==> flow/design.v <==
module alu_storage_mod (clk, in_wen, in_waddr, in_din, in_ra, out_q);
  parameter WORDS = 4;
  parameter DWIDTH = 64;
  parameter NUM_RD = 6;
  localparam AW = $clog2(WORDS);
  input clk;
  input in_wen;
  input [AW-1:0] in_waddr;
  input [DWIDTH-1:0] in_din;
  input [NUM_RD*AW-1:0] in_ra;
  output [NUM_RD*DWIDTH-1:0] out_q;
  reg wen_r;
  reg [AW-1:0] waddr_r;
  reg [DWIDTH-1:0] din_r;
  always @(posedge clk) begin
    wen_r <= in_wen;
    waddr_r <= in_waddr;
    din_r <= in_din;
  end
  reg [DWIDTH-1:0] bank [WORDS-1:0];
  always @(posedge clk) begin
    if (wen_r)
      bank[waddr_r] <= din_r;
  end
  reg [NUM_RD*AW-1:0] ra_r;
  always @(posedge clk) begin
    ra_r <= in_ra;
  end
  wire [NUM_RD*DWIDTH-1:0] nxt;
  genvar m;
  generate
    for (m = 0; m < NUM_RD; m = m + 1) begin : lane
      assign nxt[m*DWIDTH +: DWIDTH] = bank[ra_r[m*AW +: AW]];
    end
  endgenerate
  assign out_q = nxt;
endmodule
# Step by step through the tools: alu_storage_mod
# A sweep over "WORDS": the same steps for each member of the family.
# The RTL above is that of WORDS 4; lines are counted from 1 in the file of the member named.
# Library cell names are shortened.
# A cell with -- has no value.
# inputs
design,alu_storage_mod
clk_port,clk
lib,sky130hd
pvt_corner,tt_025C_1v80

# Members of the sweep
# Lines of each other member's file that are new or changed against the file above; lines that a member lacks are not shown.
# src_changes
WORDS,line,text
6,2,parameter WORDS = 6;
10,2,parameter WORDS = 10;
12,2,parameter WORDS = 12;

# Elaborated design
# Source: Yosys, flattened and elaborated, memories not mapped. Widths are those after wreduce; folded enables and synchronous resets count as part of the registers. Registers that Yosys merges into a memory's read port (data or address) are not register bits. Print and check cells do not count. Equal cells are merged and count once.
# Memory sizes are those after Yosys's memory passes, which may raise the word count (mostly to a power of two), join words into wider ones and drop unused or constant bits.
# bits
WORDS,clocked_rd_ports_x_width,ramBits,register_bits,memories,inputBits,word_cells
4,384,256,67,1,80,7
6,384,384,68,1,87,7
10,384,640,69,1,94,7
12,384,768,69,1,94,7
# memory_table
WORDS,mem_shapes
4,bank 4 x 64 bit 6R1W
6,bank 6 x 64 bit 6R1W
10,bank 10 x 64 bit 6R1W
12,bank 12 x 64 bit 6R1W
# op_classes
WORDS,n_mux
4,3
6,3
10,3
12,3
# op_table
WORDS,operators
4,1 x 64-bit two-way mux; 1 x 2-bit two-way mux; 1 x 1-bit two-way mux
6,1 x 64-bit two-way mux; 1 x 3-bit two-way mux; 1 x 1-bit two-way mux
10,1 x 64-bit two-way mux; 1 x 4-bit two-way mux; 1 x 1-bit two-way mux
12,1 x 64-bit two-way mux; 1 x 4-bit two-way mux; 1 x 1-bit two-way mux

# Logic depth
# Depth = most cells in a row (Yosys ltp): at word level without a register or memory, in the mapped netlist without a sequential cell, where the memories' decode and read muxes count.
# depth
WORDS,ltp_word,ABC_AREA,ltp_mapped
4,1,0,3
6,1,0,6
10,1,0,6
12,1,0,7

# Synthesis result
# Yosys stat after the flow's synthesis: flattened, memories mapped to cells. It holds for the ABC_AREA given above (unset counts as 0); a run with the other value may have another netlist.
# synth_totals
WORDS,stdcells,ffs,seq_area_mm2,buf_cells,synth_area_mm2
4,807,335,0.0092689,84,0.019037
6,1943,470,0.0132527,182,0.0318343
10,4685,733,0.0210802,456,0.0570385
12,4863,861,0.0249239,504,0.0648134
# types
WORDS,type_list
4,360 x mux4_2; 256 x edfxtp_1; 79 x dfxtp_1; 36 x buf_12; 24 x mux4_1; 36 x buf_2; 6 x buf_6; 6 x clkbuf_2; 2 x and3b_1; 1 x nor3b_1; 1 x and3_1
6,384 x edfxtp_1; 320 x mux4_2; 518 x mux2_2; 192 x mux2i_1; 86 x dfxtp_1; 122 x mux2_1; 70 x buf_6; 64 x a22o_1; 64 x a21oi_1; 46 x buf_2; 55 x clkbuf_1; 10 x buf_4; 2 x nand2b_1; 3 x nor2_1; 1 x and4b_1; 2 x nor3_1; 1 x nor3b_1; 1 x nor2b_1; (+2)
10,640 x edfxtp_1; 1152 x mux2_2; 768 x mux2i_1; 384 x o31ai_2; 384 x a22o_1; 384 x o22ai_1; 93 x dfxtp_1; 391 x nand2_1; 193 x clkbuf_1; 36 x buf_12; 90 x buf_4; 60 x buf_2; 26 x buf_6; 16 x buf_8; 35 x buf_1; 8 x nand2b_1; 13 x nor2_1; 6 x nor2b_1; (+6)
12,768 x edfxtp_1; 768 x mux2_2; 384 x mux4_2; 768 x mux2i_1; 384 x a22o_1; 234 x o31ai_2; 384 x o22ai_1; 93 x dfxtp_1; 386 x nand2_1; 103 x buf_6; 150 x o31ai_1; 122 x buf_4; 144 x clkbuf_1; 96 x buf_2; 12 x buf_8; 25 x buf_1; 5 x nor2_4; 8 x nand2b_1; (+29)
# The mark (+n) counts cells that are not listed.

# Timing after synthesis
# Source: OpenSTA report_checks on the synthesized netlist (no wires, ideal clock, input and output delay 20% of the period each), path of least setup slack; recovery checks are left aside. Register names are those of the netlist, which keeps one name where synthesis merged equal registers.
# synth_timing
WORDS,path_type,from,to,driving_pins,setup_slack_ns,delay_ns,tclk_ns,synth_period_reached_ns
4,register to register,reg waddr_r[1],mem bank[0][0],2,1.391,5.559,6.95,5.559
6,register to register,reg waddr_r[1],mem bank[4][0],3,1.433,5.738,7.17,5.737
10,register to register,reg wen_r,mem bank[0][0],3,1.428,5.732,7.16,5.732
12,register to register,reg wen_r,mem bank[0][0],3,1.428,5.732,7.16,5.732
# "delay_ns" is the arrival time less input delay plus setup time.
# "driving_pins": output pins that drive a net of the path, with the launching flip-flop's if there is one; two outputs of one cell count as two.
# "synth_period_reached_ns" is the clock period less the worst setup slack; recovery checks do not enter. This is arithmetic on one report: input and output delays are still those of the set period (20% each).
# The rows between start and end are the longest chain of elaborated cells between them; the timing report does not say that the signal goes this way. Where chains are equally long, one stands for them.
# Each line given opens the expression or statement behind the cell; cells for indexed reads and writes are added by Yosys, which also makes memories of some case tables.
# synth_via_WORDS_4
elab_chain_len,1
# synth_rtl_WORDS_4
element,line,text
start: declaration,13,reg [AW-1:0] waddr_r;
start: assignment,17,waddr_r <= in_waddr;
2-bit two-way mux,22,if (wen_r)
end: declaration,20,reg [DWIDTH-1:0] bank [WORDS-1:0];
# WORDS 12: Only ways into the end's enable, where the timed path ends, are counted here.
# synth_via_WORDS_12
elab_chain_len,1
# synth_rtl_WORDS_12
element,line,text
start: declaration,12,reg wen_r;
start: assignment,16,wen_r <= in_wen;
4-bit two-way mux,22,if (wen_r)
end: declaration,20,reg [DWIDTH-1:0] bank [WORDS-1:0];

# Path in the finished layout
# Path of least setup slack in the final report of each member's run (OpenROAD, finished layout, wires in). Where an end is a register, its clock arrival counts in the times.
# layout_timing
WORDS,path_type,from,to,driving_pins,tclk_ns,setup_slack_ns,path_buffers,t_arrival_ns
4,register to output,reg (no name shown),out out_q[130],4,6.95,2.33,2,3.23
6,register to output,reg (no name shown),out out_q[315],5,7.17,2.00,2,3.73
10,register to output,reg (no name shown),out out_q[335],6,7.16,1.70,2,4.03
12,register to output,reg (no name shown),out out_q[128],7,7.16,1.06,3,4.67

# Flow runs
# Settings and results of one run of the flow (Yosys, OpenROAD) for each member follow. The constraints put input and output delay at 20% of the set period each and load the outputs with 0.01 pF.
# settings
CAP_MARGIN,20
CORE_MARGIN,2
CORE_UTILIZATION,40
SLEW_MARGIN,20
# settings_diff
WORDS,period_ns
4,6.95
6,7.17
10,7.16
12,7.16
# measured
WORDS,yosys.chip_area_mm2,setupTns_ns,cell_area_final_mm2,timing.setup.ws_ns,total_die_area_mm2,design_power_mw,final_util_pct,ws_hold_ns,timing.achieved_period_ns
4,0.019037,0.000,0.0249702,2.330,0.0493528,5.691,53.4,0.464,4.620
6,0.0318343,0.000,0.0389436,2.002,0.0818589,7.736,49.4,0.519,5.168
10,0.0570385,0.000,0.0657656,1.699,0.145634,12.610,46.4,0.588,5.461
12,0.0648134,0.000,0.0740398,1.061,0.165271,14.497,46.1,0.608,6.099
# "timing.achieved_period_ns" = clock period - worst setup slack. The figure is calculated, with input and output delays left at 20% of the set period.
# "design_power_mw": no workload was simulated; the value follows from the tool's default switching activity.
